==> flow/design.v <==
module alu_rf (clk, we_in, write_addr_in, din_in, raddr0_in, raddr1_in, rdata0_out, rdata1_out);
    parameter ENTRIES = 64;
    parameter DW = 20;
    localparam ADDR_WIDTH = $clog2(ENTRIES);
    input clk;
    input we_in;
    input [ADDR_WIDTH-1:0] write_addr_in;
    input [DW-1:0] din_in;
    input [ADDR_WIDTH-1:0] raddr0_in;
    input [ADDR_WIDTH-1:0] raddr1_in;
    output [DW-1:0] rdata0_out;
    output [DW-1:0] rdata1_out;
    reg [DW-1:0] regs [0:ENTRIES-1];
    always @(posedge clk) begin
        if (we_in)
            regs[write_addr_in] <= din_in;
    end
    assign rdata0_out = (we_in && write_addr_in == raddr0_in) ? din_in : regs[raddr0_in];
    assign rdata1_out = (we_in && write_addr_in == raddr1_in) ? din_in : regs[raddr1_in];
endmodule
# From RTL to reports: alu_rf
# The steps from the RTL of alu_rf to its reports follow in flow order.
# Lines are those of the file above, counted from 1.
# Operators: Yosys type, input widths -> output width; for muxes data width and select width s.
# A cell with - has no value.
[design]
top = "alu_rf"
clock_port = "clk"
cell_library = "sky130hd"
lib_corner = "tt_025C_1v80"

# After elaboration
# Source: Yosys, flattened and elaborated, memories not mapped. Widths are those after wreduce; folded enables and synchronous resets count as part of the registers. Registers that Yosys merges into a memory's read port (data or address) are not register bits. Print and check cells do not count. Equal cells are merged and count once.
# Memory sizes are those after Yosys's memory passes, which may raise the word count (mostly to a power of two), join words into wider ones and drop unused or constant bits.
[word_totals]
ff_bits = 0
ramBits = 1280
n_memories = 1
input_bits = 40
word_cells = 10
[memory_table]
columns = ["memory", "size", "width", "read_ports", "wr", "line", "source"]
rows = [
  ["regs", 64, 20, 2, 1, 13, "reg [DW-1:0] regs [0:ENTRIES-1];"],
]
[classes]
equal = 2
muxes = 5
reduce_and_logical = 2
[op_table]
columns = ["op", "count"]
rows = [
  ["$mux 20", 3],
  ["$eq 6x6->1", 2],
  ["$mux 6", 1],
  ["$logic_and 1x1->1", 2],
  ["$mux 1", 1],
]

# Longest topological paths
# Longest topological path by Yosys (ltp), each cell counted once; first at word level (registers and memories cut), then after technology mapping (sequential cells cut; the memories' decode and read muxes count).
[logic_depth]
depth_word = 3
ABC_AREA = 0
depth_mapped = 11

# After synthesis
# Yosys stat after the flow's synthesis: flattened, memories mapped to cells. It holds for the ABC_AREA given above (unset counts as 0); a run with the other value may have another netlist.
# The area totals of this step are shown rounded.
[mapped]
cells = 3846
synth_area_um2 = 60800
sequential_area_um2 = 38400
ffs = 1280
n_buf = 310
[by_type]
columns = ["cell_type", "count", "type_area_um2"]
rows = [
  ["sky130_fd_sc_hd__edfxtp_1", 1280, 3.84E+04],
  ["sky130_fd_sc_hd__mux2i_1", 940, 9.41E+03],
  ["sky130_fd_sc_hd__mux4_2", 198, 4.46E+03],
  ["sky130_fd_sc_hd__a22oi_1", 382, 2867.75],
  ["sky130_fd_sc_hd__nand2_1", 201, 754.474],
  ["sky130_fd_sc_hd__buf_2", 136, 680.653],
  ["sky130_fd_sc_hd__nand3_1", 121, 605.581],
  ["sky130_fd_sc_hd__a21oi_1", 95, 475.456],
  ["sky130_fd_sc_hd__clkbuf_1", 100, 375.36],
  ["sky130_fd_sc_hd__a221oi_1", 39, 341.578],
  ["sky130_fd_sc_hd__buf_4", 45, 337.824],
  ["sky130_fd_sc_hd__a32oi_1", 36, 315.302],
  ["sky130_fd_sc_hd__nor2_1", 74, 277.766],
  ["sky130_fd_sc_hd__a41oi_1", 19, 166.41],
  ["sky130_fd_sc_hd__a211oi_1", 21, 157.651],
  ["sky130_fd_sc_hd__mux4_1", 6, 157.651],
  ["sky130_fd_sc_hd__nand4_1", 22, 137.632],
  ["sky130_fd_sc_hd__o21ai_0", 23, 115.11],
]
# Not listed: further types 28, cells in them 108.

# Worst setup path after synthesis
# Path of least setup slack by OpenSTA after synthesis, without wires, with an ideal clock, recovery checks aside; 20% of the period is set as input and as output delay. Where synthesis merged equal registers, the netlist keeps one of their names.
[synth_path]
path_kind = "input to register"
start = "input we_in"
end = "memory regs[48][0]"
tclk_ns = 3.93
in_delay_ns = 0.786
setup_time_ns = 0.422
t_first_pin_ns = 0.786
arrival_ns = 2.881
required_ns = 3.508
path_slack_ns = 0.627
path_delay_ns = 2.517
driving_pins = 4
n_path_buf = 1
synth_period_reached_ns = 3.303
# "path_delay_ns" = arrival - input delay + setup time.
# "driving_pins": output pins that drive a net of the path, with the launching flip-flop's if there is one; two outputs of one cell count as two.
# "synth_period_reached_ns" = period - worst setup slack (recovery checks aside). The figure is calculated, with input and output delays left at 20% of the set period.
# The rows between start and end are the longest chain of elaborated cells between them; the timing report does not say that the signal goes this way. Where chains are equally long, one stands for them.
# A line is the first line of the expression or statement that the cell stems from. Yosys adds cells for indexed reads and writes and turns some case tables into memories.
# Only ways into the end's enable, where the timed path ends, are counted here.
[synth_between]
path_cell_list = "sky130_fd_sc_hd__clkbuf_1 > sky130_fd_sc_hd__nand3_1 > sky130_fd_sc_hd__or3_1 > sky130_fd_sc_hd__nor3_1"
elab_chain_cells = 1
cells_between = 2
lines_between = 1
classes_between = "mux (2)"
[synth_lines]
columns = ["element", "line", "source"]
rows = [
  ["from (decl)", 6, "input we_in;"],
  ["$mux 6", 15, "if (we_in)"],
  ["to (decl)", 13, "reg [DW-1:0] regs [0:ENTRIES-1];"],
]

# Worst path after layout
# From the final timing report of run 1: the path of least setup slack in the routed layout; clock arrival at registers is part of the times.
[layout_path]
path_kind = "input to output"
start = "input raddr0_in[4]"
end = "output rdata0_out[3]"
tclk_ns = 3.3
in_delay_ns = 0.66
out_delay_ns = 0.66
t_first_pin_ns = 0.66
arrival_ns = 3.08
required_ns = 2.64
path_slack_ns = -0.44
driving_pins = 11
n_path_buf = 5
# The rows between start and end are the longest chain of elaborated cells between them; the timing report does not say that the signal goes this way. Where chains are equally long, one stands for them.
[layout_between]
path_cell_list = "sky130_fd_sc_hd__buf_6 > sky130_fd_sc_hd__and2_4 > sky130_fd_sc_hd__buf_12 > sky130_fd_sc_hd__a22oi_1 > sky130_fd_sc_hd__nand3_1 > sky130_fd_sc_hd__buf_12 > sky130_fd_sc_hd__nand4_1 > sky130_fd_sc_hd__buf_6 > sky130_fd_sc_hd__nand2_4 > sky130_fd_sc_hd__nand2_4 > sky130_fd_sc_hd__buf_6"
elab_chain_cells = 3
cells_between = 4
lines_between = 2
classes_between = "eq/ne (1); mux (1); reduce/logical (1); memory (1)"
[layout_lines]
columns = ["element", "line", "source"]
rows = [
  ["from (decl)", 9, "input [ADDR_WIDTH-1:0] raddr0_in;"],
  ["$eq 6x6->1", 18, "assign rdata0_out = (we_in && write_addr_in == raddr0_in) ? din_in : regs[raddr0_in];"],
  ["$logic_and 1x1->1", 18, ""],
  ["$mux 20", 18, ""],
  ["to (decl)", 11, "output [DW-1:0] rdata0_out;"],
]

# 3 stored runs of alu_rf in the flow (synthesis by Yosys, layout by OpenROAD, sky130hd cells), in arbitrary order. Constraints: input delay and output delay 20% of the set period each, output load 0.01 pF.
# "achieved_clock_period_ns" = clock period - worst setup slack. The figure is calculated, with input and output delays left at 20% of the set period.
# "critical_path_time_ns" is the time allowed to the run's worst setup path (the clock period less input and output delay, where it has them) less its slack. Clock arrival times count: a late capture clock shortens it, a late launch clock lengthens it.
# "final_power_uw" rests on the timing tool's default activity at the inputs, not on a simulated workload.
# Results are given in rounded form.

[[run]]
name = "run 1"
[run.settings]
period_ns = 3.3
CORE_UTILIZATION = 18
SETUP_SLACK_MARGIN = 0.8
PLACE_DENSITY_LB_ADDON = 0.18
CORE_ASPECT_RATIO = 0.63
CORE_MARGIN = 4
CELL_PAD_IN_SITES_GLOBAL_PLACEMENT = 3
CELL_PAD_IN_SITES_DETAIL_PLACEMENT = 2
TNS_END_PERCENT = 90
ABC_AREA = 0
GPL_ROUTABILITY_DRIVEN = 1
CTS_CLUSTER_SIZE = 28
MAX_ROUTING_LAYER = "met5"
CAP_MARGIN = 20
SLEW_MARGIN = 20
[run.results]
final_power_uw = 40400
cell_area_final_um2 = 86500
fin_ws_ns = -0.436
critical_path_time_ns = 2.42
critical_path_kind = "input to output"
timing.hold.ws_ns = 0.292
finalUtil_pct = 25.7
yosys.chip_area_um2 = 60800
die_area_um2 = 347000
achieved_clock_period_ns = 3.736
fin_tns_ns = -9.32

[[run]]
name = "run 2"
[run.settings]
period_ns = 4.92
CORE_UTILIZATION = 66
PLACE_DENSITY = 0.44
CORE_MARGIN = 2
GPL_TIMING_DRIVEN = 0
CTS_CLUSTER_DIAMETER = 137
CAP_MARGIN = 20
SLEW_MARGIN = 20
[run.results]
die_area_um2 = 94600
critical_path_time_ns = 3.08
critical_path_kind = "input to output"
fin_ws_ns = -0.131
achieved_clock_period_ns = 5.051
cell_area_final_um2 = 70500
yosys.chip_area_um2 = 60800
finalUtil_pct = 77.0
timing.hold.ws_ns = 0.648
final_power_uw = 24600
fin_tns_ns = -1.44

[[run]]
name = "run 3"
[run.settings]
period_ns = 3.93
CAP_MARGIN = 20
CORE_MARGIN = 2
CORE_UTILIZATION = 40
SLEW_MARGIN = 20
[run.results]
achieved_clock_period_ns = 3.990
cell_area_final_um2 = 75200
timing.hold.ws_ns = 0.405
fin_tns_ns = -0.216
die_area_um2 = 155000
yosys.chip_area_um2 = 60800
critical_path_time_ns = 2.42
critical_path_kind = "input to output"
fin_ws_ns = -0.060
finalUtil_pct = 49.7
final_power_uw = 32000
